==> flow/design.v <==
module mult #(
    parameter integer XLEN = 32,
    parameter integer K = 5
) (
    input logic clock,
    input logic rst_n,
    input logic [XLEN-1:0] a,
    input logic [K-1:0] b,
    output logic [XLEN+K-1:0] p
);
    always_ff @(posedge clock or negedge rst_n) begin
        if (~rst_n) begin
            p <= 0;
        end else begin
            p <= a * b;
        end
    end
endmodule
# Step by step through the tools: mult
# What the tools print for mult, step after step.
# Lines are those of the file above, counted from 1.
# Library cell names are shortened.
# Not given: n/a
[inputs]
design = "mult"
clock_port = "clock"
lib = "sky130hd"
corner = "tt_025C_1v80"

# Word-level counts
# Source: Yosys, flattened and elaborated, memories not mapped. Widths are those after wreduce; folded enables and synchronous resets count as part of the registers. Registers that Yosys merges into a memory's read port (data or address) are not register bits. Print and check cells do not count. Equal cells are merged and count once.
[bits]
ff_bits = 37
latch_bits = 0
ramBits = 0
romBits = 0
clocked_rd_ports_x_width = 0
memories = 0
out_inout_bits = 37
elab_cells = 2
[op_classes]
n_addsub = 0
multipliers = 1
n_div = 0
compare = 0
eq_ne = 0
shifts = 0
n_mux = 0
n_logic = 0
reduce_and_logical = 0
[ops]
columns = ["op", "count"]
rows = [
  ["multiplier 32 x 5 -> 37 bit", 1],
]

# Logic depth
# Longest topological path by Yosys (ltp), each cell counted once; first at word level (registers and memories cut), then after technology mapping (sequential cells cut; the memories' decode and read muxes count).
[depth]
word_depth = 1
ABC_AREA = 0
depth_mapped = 16
ltp_nobuf = 15

# Mapped cells and area
# Source: synth_stat.txt of the flow (Yosys; design flattened, memories mapped). It holds for the ABC_AREA given above (unset counts as 0); a run with the other value may have another netlist.
[types]
columns = ["type", "count"]
rows = [
  ["fa_1", 90],
  ["dfrtp_1", 37],
  ["and2_1", 124],
  ["ha_1", 45],
  ["inv_1", 119],
  ["nand2_1", 70],
  ["a21oi_1", 34],
  ["xnor2_1", 17],
  ["o21ai_0", 26],
  ["a21o_1", 14],
  ["xor2_1", 12],
  ["clkbuf_1", 21],
  ["nor2_1", 18],
  ["a211oi_1", 5],
  ["and3_1", 6],
  ["o21a_1", 5],
  ["nand3_1", 7],
  ["nand4_1", 5],
]
# Other cell types: 43; their cells: 60.
[mapped]
cells = 715
yosys_area_um2 = 6297.3
ffs = 37

# Timing after synthesis
# Source: OpenSTA report_checks on the synthesized netlist (no wires, ideal clock, input and output delay 20% of the period each), path of least setup slack; recovery checks are left aside. Register names are those of the netlist, which keeps one name where synthesis merged equal registers.
[synth_path]
path_kind = "input port to flip-flop"
startpoint = "input b[4]"
endpoint = "register p[26]"
tclk_ns = 6.07
in_delay_ns = 1.214
t_first_pin_ns = 1.214
t_arrival_ns = 5.020
setup_slack_ns = 0.970
path_delay_ns = 3.886
path_stages = 15
path_buffers = 1
period_less_setup_slack_ns = 5.1
# "path_delay_ns" = arrival - input delay + setup time.
# "path_stages" counts driving pins, that of a launching flip-flop among them; a cell with two outputs on the path counts twice.
# "period_less_setup_slack_ns" = period - worst setup slack (recovery checks aside). The figure is calculated, with input and output delays left at 20% of the set period.
# The rows between start and end are the longest chain of elaborated cells between them; the timing report does not say that the signal goes this way. Where chains are equally long, one stands for them.
# Each line given opens the expression or statement behind the cell; cells for indexed reads and writes are added by Yosys, which also makes memories of some case tables.
[synth_via]
path_cell_list = "clkbuf_1 -> and2_1 -> fa_1 -> fa_1 -> inv_1 -> fa_1 -> inv_1 -> ha_1 -> a21o_1 -> a221oi_4 -> o221ai_2 -> a41oi_4 -> o21ai_2 -> a211oi_2 -> xnor2_1"
elab_chain_len = 1
[synth_lines]
columns = ["item", "line", "source"]
rows = [
  ["start: declaration", 8, "input logic [K-1:0] b,"],
  ["multiplier 32 x 5 -> 37 bit", 15, "p <= a * b;"],
  ["end: assignment", 13, "p <= 0;"],
  ["end: assignment", 15, ""],
  ["end: declaration", 9, "output logic [XLEN+K-1:0] p"],
]

# Worst path after layout
# Path of least setup slack in the final report of stored run 3 (OpenROAD, finished layout, wires in). Where an end is a register, its clock arrival counts in the times.
[layout_path]
path_kind = "input port to flip-flop"
startpoint = "input b[3]"
endpoint = "register p[26]"
tclk_ns = 6.07
in_delay_ns = 1.21
t_first_pin_ns = 1.21
t_arrival_ns = 5.80
setup_slack_ns = 0.47
path_stages = 16
path_buffers = 2
# The rows between start and end are the longest chain of elaborated cells between them; the timing report does not say that the signal goes this way. Where chains are equally long, one stands for them.
[layout_via]
path_cell_list = "clkdlybuf4s50_1 -> buf_4 -> and2_1 -> fa_1 -> fa_1 -> inv_1 -> fa_1 -> inv_1 -> ha_1 -> a21o_1 -> a221oi_4 -> o221ai_2 -> a41oi_4 -> o21ai_2 -> a211oi_2 -> xnor2_1"
elab_chain_len = 1
[layout_lines]
columns = ["item", "line", "source"]
rows = [
  ["start: declaration", 8, "input logic [K-1:0] b,"],
  ["multiplier 32 x 5 -> 37 bit", 15, "p <= a * b;"],
  ["end: assignment", 13, "p <= 0;"],
  ["end: assignment", 15, ""],
  ["end: declaration", 9, "output logic [XLEN+K-1:0] p"],
]

# Design mult on sky130hd. What follows are 3 stored runs of the flow, each under its own settings; their order means nothing. The constraints put input and output delay at 20% of the set period each and load the outputs with 0.01 pF.
# "achieved_clock_period_ns" is the run's clock period less its worst setup slack. It is reckoned from that one timing run; input and output delays stay at 20% of the period that was set.
# "worst_path_time_ns" means the part of the period allowed to the worst setup path (the constraints hold back 20% at inputs and 20% at outputs) less its slack; where the path has registers, the arrival times of their clocks count too.
# "fin_power_uw" is the tool's figure for a default switching activity; nothing was simulated.

[[run]]
name = "stored run 1"
[run.settings]
period_ns = 7.12
CORE_UTILIZATION = 50
PLACE_DENSITY = 0.64
CORE_MARGIN = 7
CELL_PAD_IN_SITES_GLOBAL_PLACEMENT = 3
CELL_PAD_IN_SITES_DETAIL_PLACEMENT = 1
GPL_TIMING_DRIVEN = 1
CTS_CLUSTER_DIAMETER = 201
MIN_ROUTING_LAYER = "met1"
CAP_MARGIN = 20
SLEW_MARGIN = 20
[run.results]
outcome = "stopped before the end: placement reported GPL-0301"

[[run]]
name = "stored run 2"
[run.settings]
period_ns = 3.27
CORE_UTILIZATION = 50
SETUP_SLACK_MARGIN = -0.24
PLACE_DENSITY_LB_ADDON = 0.04
CELL_PAD_IN_SITES_GLOBAL_PLACEMENT = 3
CELL_PAD_IN_SITES_DETAIL_PLACEMENT = 0
TNS_END_PERCENT = 85
ABC_AREA = 1
GPL_TIMING_DRIVEN = 0
MIN_ROUTING_LAYER = "met1"
CAP_MARGIN = 20
CORE_MARGIN = 2
SLEW_MARGIN = 20
[run.results]
outcome = "stopped before the end: placement reported FLW-0024"

[[run]]
name = "stored run 3"
[run.settings]
period_ns = 6.07
CAP_MARGIN = 20
CORE_MARGIN = 2
CORE_UTILIZATION = 40
SLEW_MARGIN = 20
[run.results]
util_pct = 48.8
die_um2 = 16762.5
cell_area_final_um2 = 7479.7
synth_chip_area_um2 = 6297.3
achieved_clock_period_ns = 5.605
tns_ns = 0.000
worst_path_time_ns = 4.39
critical_path_kind = "input port to flip-flop"
fin_power_uw = 2376
worstSetupSlack_ns = 0.465
